==> flow/design.v <==
module gen_data_mux_v2 #(
   parameter WIDTH = 1,
   parameter N_IN = 16,
   parameter SBITS = $clog2(N_IN)
) (
   input  i_clk,
   input  resetn,
   input  [N_IN*WIDTH-1:0] ch,
   input  [SBITS-1:0] sel,
   output [WIDTH-1:0] y
);
   reg [N_IN*WIDTH-1:0] ch_q;
   reg [SBITS-1:0] sel_q;
   always @(posedge i_clk or negedge resetn) begin
      if (~resetn) begin
         ch_q <= 0;
         sel_q <= 0;
      end else begin
         ch_q <= ch;
         sel_q <= sel;
      end
   end
   reg [WIDTH-1:0] nxt;
   integer i;
   always @* begin
      nxt = 0;
      for (i = 0; i < N_IN; i = i + 1)
         if (sel_q == i) nxt = ch_q[i*WIDTH +: WIDTH];
   end
   assign y = nxt;
endmodule
[Tool chain data of gen_data_mux_v2]
What the tools print for gen_data_mux_v2, step after step.
Lines are those of the file above, counted from 1.
Cell names lack the library's common part.
Not given: --
Set-up
  design top: gen_data_mux_v2
  clock input: i_clk
  cell library: sky130hd
  library corner: tt_025C_1v80

[Word-level counts]
Counts by Yosys on the flattened word-level netlist (proc, flatten, opt, wreduce; memories kept). Register bits leave out memories and registers merged into their read ports (data or address); mux counts leave out enables and synchronous resets folded into registers. Print and check cells are left out. Cells with the same type and inputs are merged into one.
Operators by class
  equal/unequal tests: 15
  muxes and demuxes: 16
  reduce/logical cells: 1
Operators with widths (number)
  == test 4 bit (second input constant): 8
  == test 4 x 3 -> 1 bit (second input constant): 4
  two-way mux 1 bit: 16
  == test 4 x 2 -> 1 bit (second input constant): 2
  == test 4 x 1 -> 1 bit (second input constant): 1
  zero test 4 bit: 1
Word-level totals
  register bits: 20
  input bits: 22

[Longest topological paths]
Longest topological path by Yosys (ltp), each cell counted once; first at word level (registers and memories cut), then after technology mapping (sequential cells cut; the memories' decode and read muxes count).
Logic depth
  depth after elaboration: 17
  ABC_AREA: 0
  depth in mapped cells: 5
  gate-level depth less buffers: 4

[Mapped cells and area]
Yosys stat after the flow's synthesis: flattened, memories mapped to cells. It holds for the ABC_AREA given above (unset counts as 0); a run with the other value may have another netlist.
The area totals of this step are shown rounded.
Synthesis totals
  standard cells after synthesis: 36
  cell area after synthesis: 670.6 µm²
  area of sequential cells: 500.5 µm²
  flip-flop cells: 20
  buffers: 1
Cell types (number)
  dfrtp_1: 20
  mux4_1: 3
  mux2i_1: 2
  buf_6: 1
  a221oi_1: 1
  a31o_2: 1
  nand2b_1: 1
  nor2b_1: 1
  o22ai_1: 1
  a21oi_1: 1
  nand3_1: 1
  o21ai_0: 1
  o21ai_1: 1
  inv_1: 1

[Path before layout]
Path of least setup slack by OpenSTA after synthesis, without wires, with an ideal clock, recovery checks aside; 20% of the period is set as input and as output delay. Where synthesis merged equal registers, the netlist keeps one of their names.
Timing path after synthesis
  path type: register -> output
  start: register sel_q[0]
  end: output port y[0]
  clock period: 1.91 ns
  data arrival time: 1.220 ns
  data required time: 1.528 ns
  setup slack: 0.308 ns
  path delay: 1.220 ns
  stages on the path: 5
  buffers on the path: 1
  synthesis period reached: 1.602 ns
"path delay" is the arrival time less input delay plus setup time.
At an output port there is no setup time.
"stages on the path": output pins that drive a net of the path, with the launching flip-flop's if there is one; two outputs of one cell count as two.
"synthesis period reached" = period - worst setup slack (recovery checks aside). The figure is calculated, with input and output delays left at 20% of the set period.
Between the ends stands the longest chain of elaborated cells between them, by number of cells; it is not shown to be the way that was timed. Of several equally long chains one is given.
Each line given opens the expression or statement behind the cell; cells for indexed reads and writes are added by Yosys, which also makes memories of some case tables.
On the way, after synthesis
  cells stage by stage: dfrtp_1 > buf_6 > mux4_1 > mux2i_1 > o22ai_1
  cells in the longest elaborated chain: 17
  elaborated cells on any way between the ends: 32
  source lines of those cells: 1
RTL lines, path after synthesis
  start: declaration: line 13  | reg [SBITS-1:0] sel_q;
  start: assignment: line 17  | sel_q <= 0;
  start: assignment: line 20  | sel_q <= sel;
  zero test 4 bit: line 28  | if (sel_q == i) nxt = ch_q[i*WIDTH +: WIDTH];
  two-way mux 1 bit x16: line 28
  end: declaration: line 10  | output [WIDTH-1:0] y

[Path in the finished layout]
Path of least setup slack in the final report of record 2 (OpenROAD, finished layout, wires in). Where an end is a register, its clock arrival counts in the times.
Timing path after layout
  path type: register -> output
  start: register sel_q[2]
  end: output port y[0]
  clock period: 1.62 ns
  data arrival time: 1.66 ns
  data required time: 1.30 ns
  setup slack: -0.36 ns
  stages on the path: 6
  buffers on the path: 1
Between the ends stands the longest chain of elaborated cells between them, by number of cells; it is not shown to be the way that was timed. Of several equally long chains one is given.
On the way, after layout
  cells stage by stage: dfrtp_1 > inv_1 > a31o_2 > a221oi_1 > o22ai_2 > buf_2
  cells in the longest elaborated chain: 17
  elaborated cells on any way between the ends: 32
  source lines of those cells: 1
RTL lines, path after layout
  start: declaration: line 13  | reg [SBITS-1:0] sel_q;
  start: assignment: line 17  | sel_q <= 0;
  start: assignment: line 20  | sel_q <= sel;
  zero test 4 bit: line 28  | if (sel_q == i) nxt = ch_q[i*WIDTH +: WIDTH];
  two-way mux 1 bit x16: line 28
  end: declaration: line 10  | output [WIDTH-1:0] y

Subject: flow runs of gen_data_mux_v2

Hi,

Top module gen_data_mux_v2; platform sky130hd; tools Yosys and OpenROAD; 3 stored runs in no particular order. Input and output delays are each 20% of the period that was set; the output load is 0.01 pF.
"achieved clock period" means the clock period less the worst setup slack. The figure is calculated, with input and output delays left at 20% of the set period.
By "worst setup path time" is meant the share of the clock period that the worst setup path is allowed (20% is reserved at inputs, 20% at outputs), minus its slack. Clock arrival times at its registers enter into it.
"power consumption": no workload was simulated; the value follows from the tool's default switching activity.
Results are given in rounded form.

==> record 1: settings <==
{ "period_ns": 1.68, "CORE_UTILIZATION": 54, "SETUP_SLACK_MARGIN": 0.04, "PLACE_DENSITY_LB_ADDON": 0.21, "CORE_MARGIN": 7, "CELL_PAD_IN_SITES_DETAIL_PLACEMENT": 2, "TNS_END_PERCENT": 60, "GPL_TIMING_DRIVEN": 1, "CAP_MARGIN": 20, "SLEW_MARGIN": 25, "MIN_ROUTING_LAYER": "met1" }
==> record 1: results <==
unfinished; error DPL-0033 in placement

==> record 2: settings <==
{ "period_ns": 1.62, "CORE_UTILIZATION": 48, "SETUP_SLACK_MARGIN": 0.09, "PLACE_DENSITY_LB_ADDON": 0.07, "CORE_ASPECT_RATIO": 1.17, "ABC_AREA": 0, "GPL_ROUTABILITY_DRIVEN": 0, "CTS_CLUSTER_SIZE": 11, "CTS_CLUSTER_DIAMETER": 354, "MIN_ROUTING_LAYER": "met2", "CAP_MARGIN": 20, "CORE_MARGIN": 2, "SLEW_MARGIN": 20 }
==> record 2: results <==
utilization: 0.741
worst setup slack after layout: -0.364 ns
setup TNS: -0.364 ns
power consumption: 915 µW
area of the synthesized netlist: 670.6 µm²
area inside the die boundary: 1713 µm²
std-cell area (final layout): 960.9 µm²
worst setup path time: 1.66 ns
kind of the worst setup path: register -> output
achieved clock period: 1.984 ns

==> record 3: settings <==
{ "period_ns": 1.91, "CAP_MARGIN": 20, "CORE_MARGIN": 2, "CORE_UTILIZATION": 40, "SLEW_MARGIN": 20 }
==> record 3: results <==
utilization: 0.612
area inside the die boundary: 2020 µm²
achieved clock period: 1.995 ns
setup TNS: -0.085 ns
worst setup slack after layout: -0.085 ns
area of the synthesized netlist: 670.6 µm²
power consumption: 730 µW
std-cell area (final layout): 943.4 µm²
worst setup path time: 1.61 ns
kind of the worst setup path: register -> output

Regards
